==> flow/design.v <==
module sync_multiplier_n #(
  parameter BITS = 14
) (
  input ck,
  input step,
  input [BITS-1:0] in_a,
  input [BITS-1:0] in_b,
  output reg [2*BITS-1:0] out_q
);
  reg [BITS-1:0] a_ff;
  reg [BITS-1:0] b_ff;
  always @(posedge ck) begin
    if (step) begin
      a_ff <= in_a;
      b_ff <= in_b;
    end
  end
  wire [2*BITS-1:0] lvl [0:BITS];
  assign lvl[0] = 0;
  genvar k;
  generate
    for (k = 0; k < BITS; k = k + 1) begin : lane
      assign lvl[k+1] = lvl[k] + (b_ff[k] ? {{BITS{1'b0}}, a_ff} << k : {2*BITS{1'b0}});
    end
  endgenerate
  always @(posedge ck) begin
    if (step) begin
      out_q <= lvl[BITS];
    end
  end
endmodule
Tool chain data of sync_multiplier_n
Module sync_multiplier_n in several versions that differ in "BITS"; each step lists the members.
The file above is the member BITS=14. Line numbers count from 1 in each member's own file.
Operators carry their Yosys type and port widths (W data, S select, Z words).
Cell names lack the library's common part.
The mark -- stands for no value.
Design
  top module: sync_multiplier_n
  clock port: ck
  standard-cell library: sky130hd
  timing corner: tt_025C_1v80

Members of the sweep
New or changed lines of each further member against the RTL above, in its own file; lines it lacks are not shown.
Lines new or changed
  BITS 16: RTL line 2  | parameter BITS = 16
  BITS 18: RTL line 2  | parameter BITS = 18
  BITS 22: RTL line 2  | parameter BITS = 22

After elaboration
Yosys after proc, flatten, opt, wreduce and memory -nomap, before mapping. Enables and synchronous resets that opt folds into registers are not counted as muxes. Memory bits, and registers merged into a memory's read port (data or address), are not among the register bits. Print and check cells are not counted. Equal cells are merged and count once.
Bit counts
  BITS 14: flip-flop bits (word level) 56, input bits 30, cells after elaboration 30
  BITS 16: flip-flop bits (word level) 64, input bits 34, cells after elaboration 34
  BITS 18: flip-flop bits (word level) 72, input bits 38, cells after elaboration 38
  BITS 22: flip-flop bits (word level) 88, input bits 46, cells after elaboration 46
Cells by class
  BITS 14: add/subtract/negate cells 13, mux-type cells 14
  BITS 16: add/subtract/negate cells 15, mux-type cells 16
  BITS 18: add/subtract/negate cells 17, mux-type cells 18
  BITS 22: add/subtract/negate cells 21, mux-type cells 22
Operators by type and width (kinds with counts)
  BITS 14: $add A27 B27 Y28: 1; $add A26 B26 Y27: 1; $mux W27: 1; $add A25 B25 Y26: 1; $mux W26: 1; $add A24 B24 Y25: 1; $mux W25: 1; $add A23 B23 Y24: 1; $mux W24: 1; $add A22 B22 Y23: 1; $mux W23: 1; $add A21 B21 Y22: 1; $mux W22: 1; $add A20 B20 Y21: 1; $mux W21: 1; $add A19 B19 Y20: 1; $mux W20: 1; $add A18 B18 Y19: 1; $mux W19: 1; $add A17 B17 Y18: 1; $mux W18: 1; $add A16 B16 Y17: 1; $mux W17: 1; $add A14 B15 Y16: 1; $mux W16: 1; $mux W15: 1; $mux W14: 1
  BITS 16: $add A31 B31 Y32: 1; $add A30 B30 Y31: 1; $mux W31: 1; $add A29 B29 Y30: 1; $mux W30: 1; $add A28 B28 Y29: 1; $mux W29: 1; $add A27 B27 Y28: 1; $mux W28: 1; $add A26 B26 Y27: 1; $mux W27: 1; $add A25 B25 Y26: 1; $mux W26: 1; $add A24 B24 Y25: 1; $mux W25: 1; $add A23 B23 Y24: 1; $mux W24: 1; $add A22 B22 Y23: 1; $mux W23: 1; $add A21 B21 Y22: 1; $mux W22: 1; $add A20 B20 Y21: 1; $mux W21: 1; $add A19 B19 Y20: 1; $mux W20: 1; $add A18 B18 Y19: 1; $mux W19: 1; $add A16 B17 Y18: 1; [+3]
  BITS 18: $add A35 B35 Y36: 1; $add A34 B34 Y35: 1; $mux W35: 1; $add A33 B33 Y34: 1; $mux W34: 1; $add A32 B32 Y33: 1; $mux W33: 1; $add A31 B31 Y32: 1; $mux W32: 1; $add A30 B30 Y31: 1; $mux W31: 1; $add A29 B29 Y30: 1; $mux W30: 1; $add A28 B28 Y29: 1; $mux W29: 1; $add A27 B27 Y28: 1; $mux W28: 1; $add A26 B26 Y27: 1; $mux W27: 1; $add A25 B25 Y26: 1; $mux W26: 1; $add A24 B24 Y25: 1; $mux W25: 1; $add A23 B23 Y24: 1; $mux W24: 1; $add A22 B22 Y23: 1; $mux W23: 1; $add A21 B21 Y22: 1; [+7]
  BITS 22: $add A43 B43 Y44: 1; $add A42 B42 Y43: 1; $mux W43: 1; $add A41 B41 Y42: 1; $mux W42: 1; $add A40 B40 Y41: 1; $mux W41: 1; $add A39 B39 Y40: 1; $mux W40: 1; $add A38 B38 Y39: 1; $mux W39: 1; $add A37 B37 Y38: 1; $mux W38: 1; $add A36 B36 Y37: 1; $mux W37: 1; $add A35 B35 Y36: 1; $mux W36: 1; $add A34 B34 Y35: 1; $mux W35: 1; $add A33 B33 Y34: 1; $mux W34: 1; $add A32 B32 Y33: 1; $mux W33: 1; $add A31 B31 Y32: 1; $mux W32: 1; $add A30 B30 Y31: 1; $mux W31: 1; $add A29 B29 Y30: 1; [+15]
A list marked [+n] leaves out that many cells.

Depth
Longest topological path by Yosys (ltp), each cell counted once; first at word level (registers and memories cut), then after technology mapping (sequential cells cut; the memories' decode and read muxes count).
Depth
  BITS 14: depth in word-level cells 14, ABC_AREA 0, gate-level depth with buffers 21
  BITS 16: depth in word-level cells 16, ABC_AREA 0, gate-level depth with buffers 22
  BITS 18: depth in word-level cells 18, ABC_AREA 0, gate-level depth with buffers 23
  BITS 22: depth in word-level cells 22, ABC_AREA 0, gate-level depth with buffers 23

After synthesis
Yosys stat after the flow's synthesis: flattened, memories mapped to cells. It holds for the ABC_AREA given above (unset counts as 0); a run with the other value may have another netlist.
Cell types (types with counts)
  BITS 14: fa_1: 146; edfxtp_1: 56; ha_1: 85; and2_1: 91; nand2_1: 123; inv_1: 114; clkbuf_1: 30; a21oi_1: 21; xnor2_1: 10; xor2_1: 10; o21ai_0: 12; nand3_1: 7; nor2_1: 8; a211o_1: 3; nand2b_1: 4; nand4_1: 4; o211ai_2: 2; buf_6: 2; [+23]
  BITS 16: fa_1: 198; edfxtp_1: 64; ha_1: 95; inv_1: 198; and2_1: 111; nand2_1: 166; xnor2_1: 16; clkbuf_1: 34; a21oi_1: 19; a21o_1: 10; nor2_1: 17; nand3_1: 10; o21a_1: 6; o21ai_0: 7; xor2_1: 4; a31oi_1: 5; a211oi_1: 4; a21oi_2: 3; [+49]
  BITS 18: fa_1: 258; edfxtp_1: 72; ha_1: 103; inv_1: 264; and2_1: 144; nand2_1: 194; xnor2_1: 24; clkbuf_1: 47; a21oi_1: 23; a21o_1: 13; nand3_1: 11; xor2_1: 6; o211ai_1: 6; o21ai_0: 9; o21ai_2: 5; nand4_1: 6; a211o_1: 4; a21oi_2: 4; [+49]
  BITS 22: fa_1: 402; edfxtp_1: 88; ha_1: 153; inv_1: 379; nand2_1: 335; and2_1: 183; clkbuf_1: 93; a21oi_1: 42; xnor2_1: 24; o21ai_0: 21; xor2_1: 12; a21o_1: 9; o21bai_1: 9; nor2_1: 15; nand4_1: 7; nand3_1: 8; nor2b_1: 6; o21a_1: 5; [+47]
A list marked [+n] leaves out that many cells.
Mapped netlist
  BITS 14: cells in the netlist 751, cell area after synthesis 7951.4 um2, sequential area 1681.6 um2, flip-flop cells 56
  BITS 16: cells in the netlist 1016, cell area after synthesis 10264.8 um2, sequential area 1921.8 um2, flip-flop cells 64
  BITS 18: cells in the netlist 1242, cell area after synthesis 12559.5 um2, sequential area 2162.1 um2, flip-flop cells 72
  BITS 22: cells in the netlist 1838, cell area after synthesis 18129.9 um2, sequential area 2642.5 um2, flip-flop cells 88

Path before layout
OpenSTA on the mapped netlist: ideal clock, no wires. The path of least setup slack (recovery checks aside). Input and output delay are each 20% of the period. Register names are those of the netlist, which keeps one name where synthesis merged equal registers.
Timing path post-synthesis
  BITS 14: path type reg-to-reg, from register b_ff[8], to register out_q[26], clock period 6.76 ns, slack 1.351 ns, driving pins on the path 19, delay of the path 5.409 ns, period reached after synthesis 5.409 ns
  BITS 16: path type reg-to-reg, from register a_ff[14], to register out_q[31], clock period 7.24 ns, slack 1.451 ns, driving pins on the path 18, delay of the path 5.789 ns, period reached after synthesis 5.789 ns
  BITS 18: path type reg-to-reg, from register b_ff[10], to register out_q[33], clock period 7.31 ns, slack 1.460 ns, driving pins on the path 23, delay of the path 5.850 ns, period reached after synthesis 5.85 ns
  BITS 22: path type reg-to-reg, from register b_ff[15], to register out_q[42], clock period 8.1 ns, slack 1.623 ns, driving pins on the path 23, delay of the path 6.477 ns, period reached after synthesis 6.477 ns
"delay of the path" is the arrival time less input delay plus setup time.
"driving pins on the path": output pins that drive a net of the path, with the launching flip-flop's if there is one; two outputs of one cell count as two.
"period reached after synthesis" = period - worst setup slack (recovery checks aside). The figure is calculated, with input and output delays left at 20% of the set period.
The rows between start and end are the longest chain of elaborated cells between them; the timing report does not say that the signal goes this way. Where chains are equally long, one stands for them.
Each line given opens the expression or statement behind the cell; cells for indexed reads and writes are added by Yosys, which also makes memories of some case tables.
On the way, post-synthesis, BITS=14
  cells in the longest elaborated chain: 7
Ends and longest elaborated chain, post-synthesis, BITS=14
  start, declared: RTL line 11  | reg [BITS-1:0] b_ff;
  start, assigned: RTL line 15  | b_ff <= in_b;
  $mux W22: RTL line 23  | assign lvl[k+1] = lvl[k] + (b_ff[k] ? {{BITS{1'b0}}, a_ff} << k : {2*BITS{1'b0}});
  $add A22 B22 Y23: RTL line 23
  $add A23 B23 Y24: RTL line 23
  $add A24 B24 Y25: RTL line 23
  $add A25 B25 Y26: RTL line 23
  $add A26 B26 Y27: RTL line 23
  $add A27 B27 Y28: RTL line 23
  end, assigned: RTL line 28  | out_q <= lvl[BITS];
  end, declared: RTL line 8  | output reg [2*BITS-1:0] out_q
On the way, post-synthesis, BITS=22
  cells in the longest elaborated chain: 8
Ends and longest elaborated chain, post-synthesis, BITS=22
  start, declared: RTL line 11  | reg [BITS-1:0] b_ff;
  start, assigned: RTL line 15  | b_ff <= in_b;
  $mux W37: RTL line 23  | assign lvl[k+1] = lvl[k] + (b_ff[k] ? {{BITS{1'b0}}, a_ff} << k : {2*BITS{1'b0}});
  $add A37 B37 Y38: RTL line 23
  $add A38 B38 Y39: RTL line 23
  $add A39 B39 Y40: RTL line 23
  $add A40 B40 Y41: RTL line 23
  $add A41 B41 Y42: RTL line 23
  $add A42 B42 Y43: RTL line 23
  $add A43 B43 Y44: RTL line 23
  end, assigned: RTL line 28  | out_q <= lvl[BITS];
  end, declared: RTL line 8  | output reg [2*BITS-1:0] out_q

Path in the finished layout
Path of least setup slack in the final report of each member's run (OpenROAD, finished layout, wires in). Where an end is a register, its clock arrival counts in the times.
Timing path post-layout
  BITS 14: path type reg-to-reg, from register a_ff[4], to register out_q[26], clock period 6.76 ns, slack 0.85 ns, driving pins on the path 18, data arrival time 5.97 ns
  BITS 16: path type reg-to-reg, from register a_ff[14], to register out_q[31], clock period 7.24 ns, slack 0.98 ns, driving pins on the path 17, data arrival time 6.36 ns
  BITS 18: path type reg-to-reg, from register a_ff[5], to register out_q[33], clock period 7.31 ns, slack 0.98 ns, driving pins on the path 18, data arrival time 6.43 ns
  BITS 22: path type reg-to-reg, from register a_ff[10], to register out_q[43], clock period 8.1 ns, slack 0.67 ns, driving pins on the path 22, data arrival time 7.57 ns

Flow runs
Settings and results of one run of the flow (Yosys, OpenROAD) for each member follow. The constraints put input and output delay at 20% of the set period each and load the outputs with 0.01 pF.
Flow settings
  CAP_MARGIN: 20
  CORE_MARGIN: 2
  CORE_UTILIZATION: 40
  SLEW_MARGIN: 20
Settings by member (period_ns)
  BITS 14: 6.76
  BITS 16: 7.24
  BITS 18: 7.31
  BITS 22: 8.1
Final reports
  BITS 14: chip area after synthesis (Yosys) 7951.4 um2, die area 21022.1 um2, standard-cell area after layout 8861.0 um2, utilization 0.455, setup slack of the worst path 0.845 ns, total negative slack 0.000 ns, reached clock period 5.915 ns
  BITS 16: chip area after synthesis (Yosys) 10264.8 um2, die area 26960.0 um2, standard-cell area after layout 11496.0 um2, utilization 0.457, setup slack of the worst path 0.983 ns, total negative slack 0.000 ns, reached clock period 6.257 ns
  BITS 18: chip area after synthesis (Yosys) 12559.5 um2, die area 32831.6 um2, standard-cell area after layout 13874.6 um2, utilization 0.451, setup slack of the worst path 0.983 ns, total negative slack 0.000 ns, reached clock period 6.327 ns
  BITS 22: chip area after synthesis (Yosys) 18129.9 um2, die area 47043.4 um2, standard-cell area after layout 20019.2 um2, utilization 0.444, setup slack of the worst path 0.674 ns, total negative slack 0.000 ns, reached clock period 7.426 ns
"reached clock period" is the run's clock period less its worst setup slack. It is reckoned from that one timing run; input and output delays stay at 20% of the period that was set.
